==> flow/design.v <==
module alu_add_core_blk #(
   parameter integer W = 40
) (
   input  clk,
   input  [W-1:0] rs1,
   input  [W-1:0] rs2,
   input  cin,
   output reg [W-1:0] total,
   output reg cy
);
   reg [W-1:0] rs1_d1;
   reg [W-1:0] rs2_d1;
   reg cin_d1;
   wire [W:0] cur;
   assign cur = rs1_d1 + rs2_d1 + cin_d1;
   always @(posedge clk) begin
      rs1_d1 <= rs1;
      rs2_d1 <= rs2;
      cin_d1 <= cin;
      total <= cur[W-1:0];
      cy <= cur[W];
   end
endmodule
# Reports on alu_add_core_blk
# A sweep over "W": the same steps for each member of the family.
# The RTL above is that of W 40; lines are counted from 1 in the file of the member named.
# Not given: n/a
[inputs]
top_module = "alu_add_core_blk"
clock = "clk"
library = "sky130hd"
pvt_corner = "tt_025C_1v80"

# Source of the members
# New or changed lines of each further member against the RTL above, in its own file; lines it lacks are not shown.
[src_changes]
columns = ["W", "line_no", "text"]
rows = [
  [72, 2, "parameter integer W = 72"],
  [96, 2, "parameter integer W = 96"],
]

# After elaboration
# Yosys after proc, flatten, opt, wreduce and memory -nomap, before mapping. Enables and synchronous resets that opt folds into registers are not counted as muxes. Memory bits, and registers merged into a memory's read port (data or address), are not among the register bits. Print and check cells are not counted. Equal cells are merged and count once.
[bits]
columns = ["W", "regBits", "output_inout_bits"]
rows = [
  [40, 122, 41],
  [72, 218, 73],
  [96, 290, 97],
]
[classes]
columns = ["W", "add_sub_neg"]
rows = [
  [40, 2],
  [72, 2],
  [96, 2],
]
[op_table]
columns = ["W", "operators"]
rows = [
  [40, "1 x 40-bit by 40-bit adder with 41-bit output; 1 x 41-bit by 1-bit adder with 41-bit output"],
  [72, "1 x 72-bit by 72-bit adder with 73-bit output; 1 x 73-bit by 1-bit adder with 73-bit output"],
  [96, "1 x 96-bit by 96-bit adder with 97-bit output; 1 x 97-bit by 1-bit adder with 97-bit output"],
]

# Logic depth
# Depth = most cells in a row (Yosys ltp): at word level without a register or memory, in the mapped netlist without a sequential cell, where the memories' decode and read muxes count.
[logic_depth]
columns = ["W", "word_depth", "ABC_AREA", "depth_mapped", "mapped_depth_nobuf"]
rows = [
  [40, 2, 0, 9, 9],
  [72, 2, 0, 11, 11],
  [96, 2, 0, 13, 13],
]

# After synthesis
# Yosys stat after the flow's synthesis: flattened, memories mapped to cells. It holds for the ABC_AREA given above (unset counts as 0); a run with the other value may have another netlist.
[by_type]
columns = ["W", "cell_types"]
rows = [
  [40, "122 x sky130_fd_sc_hd__dfxtp_1; 39 x sky130_fd_sc_hd__ha_1; 48 x sky130_fd_sc_hd__a21oi_1; 21 x sky130_fd_sc_hd__xnor2_1; 27 x sky130_fd_sc_hd__o21ai_0; 17 x sky130_fd_sc_hd__a21o_1; 33 x sky130_fd_sc_hd__nand2_1; 12 x sky130_fd_sc_hd__xor2_1; 22 x sky130_fd_sc_hd__nor2_1; 10 x sky130_fd_sc_hd__o21bai_1; 11 x sky130_fd_sc_hd__nor3_1; 9 x sky130_fd_sc_hd__nand3_1; 7 x sky130_fd_sc_hd__nand4_1; 11 x sky130_fd_sc_hd__inv_1; 2 x sky130_fd_sc_hd__fa_1; 5 x sky130_fd_sc_hd__a211oi_1; 6 x sky130_fd_sc_hd__and2_1; 6 x sky130_fd_sc_hd__nand2b_1; [+74]"],
  [72, "218 x sky130_fd_sc_hd__dfxtp_1; 71 x sky130_fd_sc_hd__ha_1; 88 x sky130_fd_sc_hd__a21oi_1; 36 x sky130_fd_sc_hd__xnor2_1; 72 x sky130_fd_sc_hd__nand2_1; 30 x sky130_fd_sc_hd__xor2_1; 43 x sky130_fd_sc_hd__o21ai_0; 54 x sky130_fd_sc_hd__nor2_1; 26 x sky130_fd_sc_hd__a21o_1; 26 x sky130_fd_sc_hd__nand4_1; 17 x sky130_fd_sc_hd__o21bai_1; 12 x sky130_fd_sc_hd__a211oi_1; 10 x sky130_fd_sc_hd__o21a_1; 12 x sky130_fd_sc_hd__nor3_1; 15 x sky130_fd_sc_hd__clkbuf_1; 15 x sky130_fd_sc_hd__inv_1; 11 x sky130_fd_sc_hd__buf_2; 7 x sky130_fd_sc_hd__o31ai_1; [+99]"],
  [96, "290 x sky130_fd_sc_hd__dfxtp_1; 95 x sky130_fd_sc_hd__ha_1; 121 x sky130_fd_sc_hd__a21oi_1; 53 x sky130_fd_sc_hd__xnor2_1; 58 x sky130_fd_sc_hd__a21o_1; 39 x sky130_fd_sc_hd__xor2_1; 85 x sky130_fd_sc_hd__nand2_1; 52 x sky130_fd_sc_hd__o21ai_0; 40 x sky130_fd_sc_hd__nand4_1; 64 x sky130_fd_sc_hd__nor2_1; 37 x sky130_fd_sc_hd__clkbuf_1; 18 x sky130_fd_sc_hd__o21bai_1; 30 x sky130_fd_sc_hd__inv_1; 20 x sky130_fd_sc_hd__nand3_1; 15 x sky130_fd_sc_hd__a31oi_1; 13 x sky130_fd_sc_hd__nor2b_1; 11 x sky130_fd_sc_hd__nand2b_1; 13 x sky130_fd_sc_hd__nor3_1; [+118]"],
]
# The mark [+n] counts cells that are not listed.
[mapped]
columns = ["W", "stdcells", "mapped_area_um2", "ff_cells"]
rows = [
  [40, 482, 4938.5, 122],
  [72, 862, 8802.2, 218],
  [96, 1172, 11611.1, 290],
]

# Path before layout
# OpenSTA on the mapped netlist: ideal clock, no wires. The path of least setup slack (recovery checks aside). Input and output delay are each 20% of the period. Register names are those of the netlist, which keeps one name where synthesis merged equal registers.
[synth_path]
columns = ["W", "path_type", "startpoint", "endpoint", "clock_period_ns", "setup_slack_ns", "path_stages", "path_delay_ns", "period_less_setup_slack_ns"]
rows = [
  [40, "register -> register", "register rs1_d1[0]", "register cy", 3.19, 0.641, 10, 2.549, 2.549],
  [72, "register -> register", "register rs1_d1[0]", "register total[64]", 3.92, 0.784, 12, 3.136, 3.136],
  [96, "register -> register", "register rs1_d1[0]", "register total[94]", 4.04, 0.807, 14, 3.233, 3.233],
]
# "path_delay_ns" = arrival - input delay + setup time.
# "path_stages": output pins that drive a net of the path, with the launching flip-flop's if there is one; two outputs of one cell count as two.
# "period_less_setup_slack_ns" is the clock period less the worst setup slack; recovery checks do not enter. This is arithmetic on one report: input and output delays are still those of the set period (20% each).
# The rows between start and end are the longest chain of elaborated cells between them; the timing report does not say that the signal goes this way. Where chains are equally long, one stands for them.
# A line is the first line of the expression or statement that the cell stems from. Yosys adds cells for indexed reads and writes and turns some case tables into memories.
[synth_via_W_40]
elab_chain_cells = 2
[synth_rtl_W_40]
columns = ["item", "line_no", "text"]
rows = [
  ["from (decl)", 11, "reg [W-1:0] rs1_d1;"],
  ["from (assign)", 17, "rs1_d1 <= rs1;"],
  ["40-bit by 40-bit adder with 41-bit output", 15, "assign cur = rs1_d1 + rs2_d1 + cin_d1;"],
  ["41-bit by 1-bit adder with 41-bit output", 15, ""],
  ["to (assign)", 21, "cy <= cur[W];"],
  ["to (decl)", 9, "output reg cy"],
]
[synth_via_W_96]
elab_chain_cells = 2
[synth_rtl_W_96]
columns = ["item", "line_no", "text"]
rows = [
  ["from (decl)", 11, "reg [W-1:0] rs1_d1;"],
  ["from (assign)", 17, "rs1_d1 <= rs1;"],
  ["96-bit by 96-bit adder with 97-bit output", 15, "assign cur = rs1_d1 + rs2_d1 + cin_d1;"],
  ["97-bit by 1-bit adder with 97-bit output", 15, ""],
  ["to (assign)", 20, "total <= cur[W-1:0];"],
  ["to (decl)", 8, "output reg [W-1:0] total,"],
]

# Path in the finished layout
# From the final timing report of each member's run: the path of least setup slack in the routed layout; clock arrival at registers is part of the times.
[layout_path]
columns = ["W", "path_type", "startpoint", "endpoint", "clock_period_ns", "setup_slack_ns", "path_stages", "arrival_ns"]
rows = [
  [40, "register -> register", "register rs1_d1[0]", "register cy", 3.19, 0.36, 10, 3.13],
  [72, "register -> register", "register rs1_d1[0]", "register total[64]", 3.92, 0.37, 13, 3.94],
  [96, "register -> register", "register rs1_d1[4]", "register total[57]", 4.04, 0.33, 13, 4.15],
]

# Measured runs
# One run of the flow (Yosys, OpenROAD) for each member, with settings and measured results. Input and output delays are each 20% of the period that was set; the output load is 0.01 pF.
[flow_settings]
CAP_MARGIN = 20
CORE_MARGIN = 2
CORE_UTILIZATION = 40
SLEW_MARGIN = 20
[settings_by_member]
columns = ["W", "period_ns"]
rows = [
  [40, 3.19],
  [72, 3.92],
  [96, 4.04],
]
[measured]
columns = ["W", "yosys_chip_area_um2", "die_footprint_um2", "layout_utilization_pct", "worstSetupSlack_ns", "fin_tns_ns", "final_power_w", "achieved_clock_period_ns"]
rows = [
  [40, 4938.5, 13251.5, 57.4, 0.363, 0.000, 0.004622, 2.827],
  [72, 8802.2, 23207.5, 55.5, 0.369, 0.000, 0.006357, 3.551],
  [96, 11611.1, 30406.6, 55.2, 0.328, 0.000, 0.007673, 3.712],
]
# "achieved_clock_period_ns" is the run's clock period less its worst setup slack. It is reckoned from that one timing run; input and output delays stay at 20% of the period that was set.
# "final_power_w" is the tool's figure for a default switching activity; nothing was simulated.
